==> flow/design.v <==
module core_mplex_mod (CLK, rst_i, valid, ch0_in, ch1_in, ch2_in, ch3_in, ch4_in, ch5_in, ch6_in, ch7_in, ch8_in, ch9_in, ch10_in, ch11_in, select_in, out_out);
  parameter integer XLEN = 2;
  input CLK;
  input rst_i;
  input valid;
  input [XLEN-1:0] ch0_in;
  input [XLEN-1:0] ch1_in;
  input [XLEN-1:0] ch2_in;
  input [XLEN-1:0] ch3_in;
  input [XLEN-1:0] ch4_in;
  input [XLEN-1:0] ch5_in;
  input [XLEN-1:0] ch6_in;
  input [XLEN-1:0] ch7_in;
  input [XLEN-1:0] ch8_in;
  input [XLEN-1:0] ch9_in;
  input [XLEN-1:0] ch10_in;
  input [XLEN-1:0] ch11_in;
  input [3:0] select_in;
  output [XLEN-1:0] out_out;
  reg [XLEN-1:0] ch0_q;
  reg [XLEN-1:0] ch1_q;
  reg [XLEN-1:0] ch2_q;
  reg [XLEN-1:0] ch3_q;
  reg [XLEN-1:0] ch4_q;
  reg [XLEN-1:0] ch5_q;
  reg [XLEN-1:0] ch6_q;
  reg [XLEN-1:0] ch7_q;
  reg [XLEN-1:0] ch8_q;
  reg [XLEN-1:0] ch9_q;
  reg [XLEN-1:0] ch10_q;
  reg [XLEN-1:0] ch11_q;
  reg [3:0] select_q;
  reg [XLEN-1:0] t;
  always @* begin
    case (select_q)
      0: t = ch0_q;
      1: t = ch1_q;
      2: t = ch2_q;
      3: t = ch3_q;
      4: t = ch4_q;
      5: t = ch5_q;
      6: t = ch6_q;
      7: t = ch7_q;
      8: t = ch8_q;
      9: t = ch9_q;
      10: t = ch10_q;
      default: t = ch11_q;
    endcase
  end
  assign out_out = t;
  always @(posedge CLK) begin
    if (rst_i) begin
      ch0_q <= 0;
      ch1_q <= 0;
      ch2_q <= 0;
      ch3_q <= 0;
      ch4_q <= 0;
      ch5_q <= 0;
      ch6_q <= 0;
      ch7_q <= 0;
      ch8_q <= 0;
      ch9_q <= 0;
      ch10_q <= 0;
      ch11_q <= 0;
      select_q <= 0;
    end else if (valid) begin
      ch0_q <= ch0_in;
      ch1_q <= ch1_in;
      ch2_q <= ch2_in;
      ch3_q <= ch3_in;
      ch4_q <= ch4_in;
      ch5_q <= ch5_in;
      ch6_q <= ch6_in;
      ch7_q <= ch7_in;
      ch8_q <= ch8_in;
      ch9_q <= ch9_in;
      ch10_q <= ch10_in;
      ch11_q <= ch11_in;
      select_q <= select_in;
    end
  end
endmodule
Tool chain data of core_mplex_mod
Tool output for the design above, in the order of the flow. Line numbers count from 1 in the design file above. Operators: Yosys type, input widths -> output width; for muxes data width and select width s. The mark n/a stands for no value.

Design top: core_mplex_mod. Clock input: CLK. Cell library: sky130hd. Library corner: tt_025C_1v80.

Word level
Counts by Yosys on the flattened word-level netlist (proc, flatten, opt, wreduce; memories kept). Register bits leave out memories and registers merged into their read ports (data or address); mux counts leave out enables and synchronous resets folded into registers. Print and check cells are left out. Cells with the same type and inputs are merged into one.

The figure for output and inout port bits is 2. The entry for flip-flop bits (word level) reads 28. For word-level cells the number is 25.

The figure for muxes and demuxes is 1. Reductions and logical operators: 1. For equal/unequal tests the number is 10.

Operators by type and width (number): $pmux 2 s11 (1); $eq 4x3->1 const B (4); $eq 4x4->1 const B (3); $eq 4x2->1 const B (2); $eq 4x1->1 const B (1); $logic_not 4->1 (1).

Depth
Yosys ltp: most cells in a row. Word level: on the elaborated netlist, between registers, memories and ports. Mapped: between sequential cells and ports; inverters and the memories' decode and read muxes count.

Word-level depth: 2. The entry for ABC_AREA reads 0. Depth in mapped cells: 5.

After synthesis
The flow's flattened synthesis, as Yosys stat reports it; memories are mapped. The netlist is that of the ABC_AREA named above (0 if unset); the other value can give another one. Totals and module areas in this step are rounded.

For buffers the number is 10. The figure for mapped cells is 131. The entry for sequential area reads 0.000561 mm². Under cell area after synthesis stands 0.00127 mm². The figure for flip-flops is 28.

Cells by type (number): sky130_fd_sc_hd__dfxtp_1 (28); sky130_fd_sc_hd__mux2i_1 (32); sky130_fd_sc_hd__nor2_1 (31); sky130_fd_sc_hd__buf_2 (5); sky130_fd_sc_hd__nand3b_1 (3); sky130_fd_sc_hd__o21ai_0 (4); sky130_fd_sc_hd__a22oi_1 (2); sky130_fd_sc_hd__mux2_4 (1); sky130_fd_sc_hd__clkbuf_8 (1); sky130_fd_sc_hd__a211oi_2 (1); sky130_fd_sc_hd__nand2b_1 (2); sky130_fd_sc_hd__nor3b_2 (1); sky130_fd_sc_hd__clkbuf_1 (3); sky130_fd_sc_hd__a21oi_1 (2); sky130_fd_sc_hd__nor3_1 (2); sky130_fd_sc_hd__o32a_1 (1); sky130_fd_sc_hd__a311oi_1 (1); sky130_fd_sc_hd__o32ai_1 (1).

Not listed: further types 10, cells in them 10.

Timing after synthesis
Path of least setup slack by OpenSTA after synthesis, without wires, with an ideal clock, recovery checks aside; 20% of the period is set as input and as output delay. Where synthesis merged equal registers, the netlist keeps one of their names.

Kind: register to output. Start point: register select_q[0]. End point: output out_out[1]. The entry for external output delay reads 0.398 ns. Under data required time stands 1.592 ns. For stages the number is 5. The entry for path delay reads 1.275 ns. The figure for setup slack is 0.317 ns. The figure for arrival time is 1.275 ns. The entry for clock period reads 1.99 ns. The figure for buffers on the path is 0. The entry for synthesis period reached reads 1.673 ns.

"path delay" = arrival - input delay + setup time. At an output port there is no setup time. "stages" counts driving pins, that of a launching flip-flop among them; a cell with two outputs on the path counts twice. "synthesis period reached" is the clock period less the worst setup slack; recovery checks do not enter. This is arithmetic on one report: input and output delays are still those of the set period (20% each). Between the ends stands the longest chain of elaborated cells between them, by number of cells; it is not shown to be the way that was timed. Of several equally long chains one is given. A line is the first line of the expression or statement that the cell stems from. Yosys adds cells for indexed reads and writes and turns some case tables into memories.

Cells stage by stage: sky130_fd_sc_hd__dfxtp_1 -> sky130_fd_sc_hd__mux2_4 -> sky130_fd_sc_hd__a211oi_2 -> sky130_fd_sc_hd__a311oi_1 -> sky130_fd_sc_hd__o32a_1. Under length of the longest elaborated chain stands 2.

Ends and longest elaborated chain, post-synthesis: from (decl) (line 32) `reg [3:0] select_q;`; from (assign) (line 65) `select_q <= 0;`; from (assign) (line 79) `select_q <= select_in;`; $eq 4x4->1 (line 35) `case (select_q)`; $pmux 2 s11 (line 35); to (decl) (line 19) `output [XLEN-1:0] out_out;`.

Timing after layout
From the final timing report of run 1: the path of least setup slack in the routed layout; clock arrival at registers is part of the times.

Kind: register to output. Start point: register select_q[0]. End point: output out_out[1]. For stages the number is 6. The entry for external output delay reads 0.40 ns. The figure for setup slack is -0.09 ns. Under data required time stands 1.59 ns. The figure for arrival time is 1.68 ns. The entry for clock period reads 1.99 ns. The figure for buffers on the path is 1.

Between the ends stands the longest chain of elaborated cells between them, by number of cells; it is not shown to be the way that was timed. Of several equally long chains one is given.

Cells stage by stage: sky130_fd_sc_hd__dfxtp_2 -> sky130_fd_sc_hd__mux2_4 -> sky130_fd_sc_hd__a211oi_2 -> sky130_fd_sc_hd__a311oi_1 -> sky130_fd_sc_hd__o32a_1 -> sky130_fd_sc_hd__buf_2. Under length of the longest elaborated chain stands 2.

Ends and longest elaborated chain, post-layout: from (decl) (line 32) `reg [3:0] select_q;`; from (assign) (line 65) `select_q <= 0;`; from (assign) (line 79) `select_q <= select_in;`; $eq 4x4->1 (line 35) `case (select_q)`; $pmux 2 s11 (line 35); to (decl) (line 19) `output [XLEN-1:0] out_out;`.

Lab notebook: core_mplex_mod

3 stored runs of core_mplex_mod in the flow (synthesis by Yosys, layout by OpenROAD, sky130hd cells), in arbitrary order. Constraints: input delay and output delay 20% of the set period each, output load 0.01 pF. "clock period reached" = clock period - worst setup slack. The figure is calculated, with input and output delays left at 20% of the set period. "time on the worst setup path": the worst setup path's part of the clock period (all of it between registers, 20% less for each end at a port) less its slack. A launch clock that arrives late makes it longer, a capture clock that arrives late makes it shorter. The results are shown rounded.

Files of run 1:
==> flow/run.sh <==
#!/bin/bash
# the make line also repeats the synthesis and layout settings of config.mk as NAME=value (left out here)
make -C /OpenROAD-flow-scripts/flow DESIGN_CONFIG=/design/flow/config.mk WORK_HOME=/design/flow/orfs CLKGATE_MAP_FILE= finish
==> flow/config.mk <==
export PLATFORM = sky130hd
export DESIGN_NAME = core_mplex_mod
export DESIGN_NICKNAME = core_mplex_mod
export VERILOG_FILES = /design/flow/design.v
export SDC_FILE = /design/flow/constraint.sdc
export NUM_CORES = 4
export LEC_CHECK = 0
export CAP_MARGIN = 20
export CORE_MARGIN = 2
export CORE_UTILIZATION = 40
export SLEW_MARGIN = 20
==> flow/constraint.sdc <==
create_clock -name core_clock -period 1.99 [get_ports {CLK}]
set_input_delay 0.3980 -clock core_clock [delete_from_list [all_inputs] [get_ports {CLK}]]
set_output_delay 0.3980 -clock core_clock [all_outputs]
set_load 0.01 [all_outputs]

Results of run 1. For the die size the run shows 0.00363 mm². The time on the worst setup path comes to 1.68 ns. Critical path type: register to output. The standard-cell area after layout stands at 0.00171 mm². The total negative slack on setup checks comes to -0.140 ns. The clock period reached is 2.083 ns. For the setup slack of the worst path the run shows -0.093 ns. The synthesis area is 0.00127 mm². The worst hold slack in the final report stands at 0.508 ns.

Files of run 2:
==> flow/run.sh <==
#!/bin/bash
# the make line also repeats the synthesis and layout settings of config.mk as NAME=value (left out here)
make -C /OpenROAD-flow-scripts/flow DESIGN_CONFIG=/design/flow/config.mk WORK_HOME=/design/flow/orfs CLKGATE_MAP_FILE= finish
==> flow/config.mk <==
export PLATFORM = sky130hd
export DESIGN_NAME = core_mplex_mod
export DESIGN_NICKNAME = core_mplex_mod
export VERILOG_FILES = /design/flow/design.v
export SDC_FILE = /design/flow/constraint.sdc
export NUM_CORES = 4
export LEC_CHECK = 0
export CAP_MARGIN = 20
export CELL_PAD_IN_SITES_GLOBAL_PLACEMENT = 2
export CORE_MARGIN = 6
export CORE_UTILIZATION = 55
export GPL_ROUTABILITY_DRIVEN = 1
export GPL_TIMING_DRIVEN = 1
export PLACE_DENSITY = 0.7
export SLEW_MARGIN = 20
==> flow/constraint.sdc <==
create_clock -name core_clock -period 1.43 [get_ports {CLK}]
set_input_delay 0.2860 -clock core_clock [delete_from_list [all_inputs] [get_ports {CLK}]]
set_output_delay 0.2860 -clock core_clock [all_outputs]
set_load 0.01 [all_outputs]

Outcome of run 2: stopped before the end: placement reported GPL-0301.

Files of run 3:
==> flow/run.sh <==
#!/bin/bash
# the make line also repeats the synthesis and layout settings of config.mk as NAME=value (left out here)
make -C /OpenROAD-flow-scripts/flow DESIGN_CONFIG=/design/flow/config.mk WORK_HOME=/design/flow/orfs CLKGATE_MAP_FILE= finish
==> flow/config.mk <==
export PLATFORM = sky130hd
export DESIGN_NAME = core_mplex_mod
export DESIGN_NICKNAME = core_mplex_mod
export VERILOG_FILES = /design/flow/design.v
export SDC_FILE = /design/flow/constraint.sdc
export NUM_CORES = 4
export LEC_CHECK = 0
export CAP_MARGIN = 20
export CELL_PAD_IN_SITES_GLOBAL_PLACEMENT = 2
export CORE_MARGIN = 2
export CORE_UTILIZATION = 38
export MAX_ROUTING_LAYER = met5
export PLACE_DENSITY_LB_ADDON = 0.05
export SLEW_MARGIN = 20
==> flow/constraint.sdc <==
create_clock -name core_clock -period 2.41 [get_ports {CLK}]
set_input_delay 0.4820 -clock core_clock [delete_from_list [all_inputs] [get_ports {CLK}]]
set_output_delay 0.4820 -clock core_clock [all_outputs]
set_load 0.01 [all_outputs]

Results of run 3. For the die size the run shows 0.00381 mm². The time on the worst setup path comes to 1.78 ns. Critical path type: register to output. The standard-cell area after layout stands at 0.00167 mm². The total negative slack on setup checks comes to 0.000 ns. The clock period reached is 2.267 ns. For the setup slack of the worst path the run shows 0.143 ns. The synthesis area is 0.00127 mm². The worst hold slack in the final report stands at 0.520 ns.
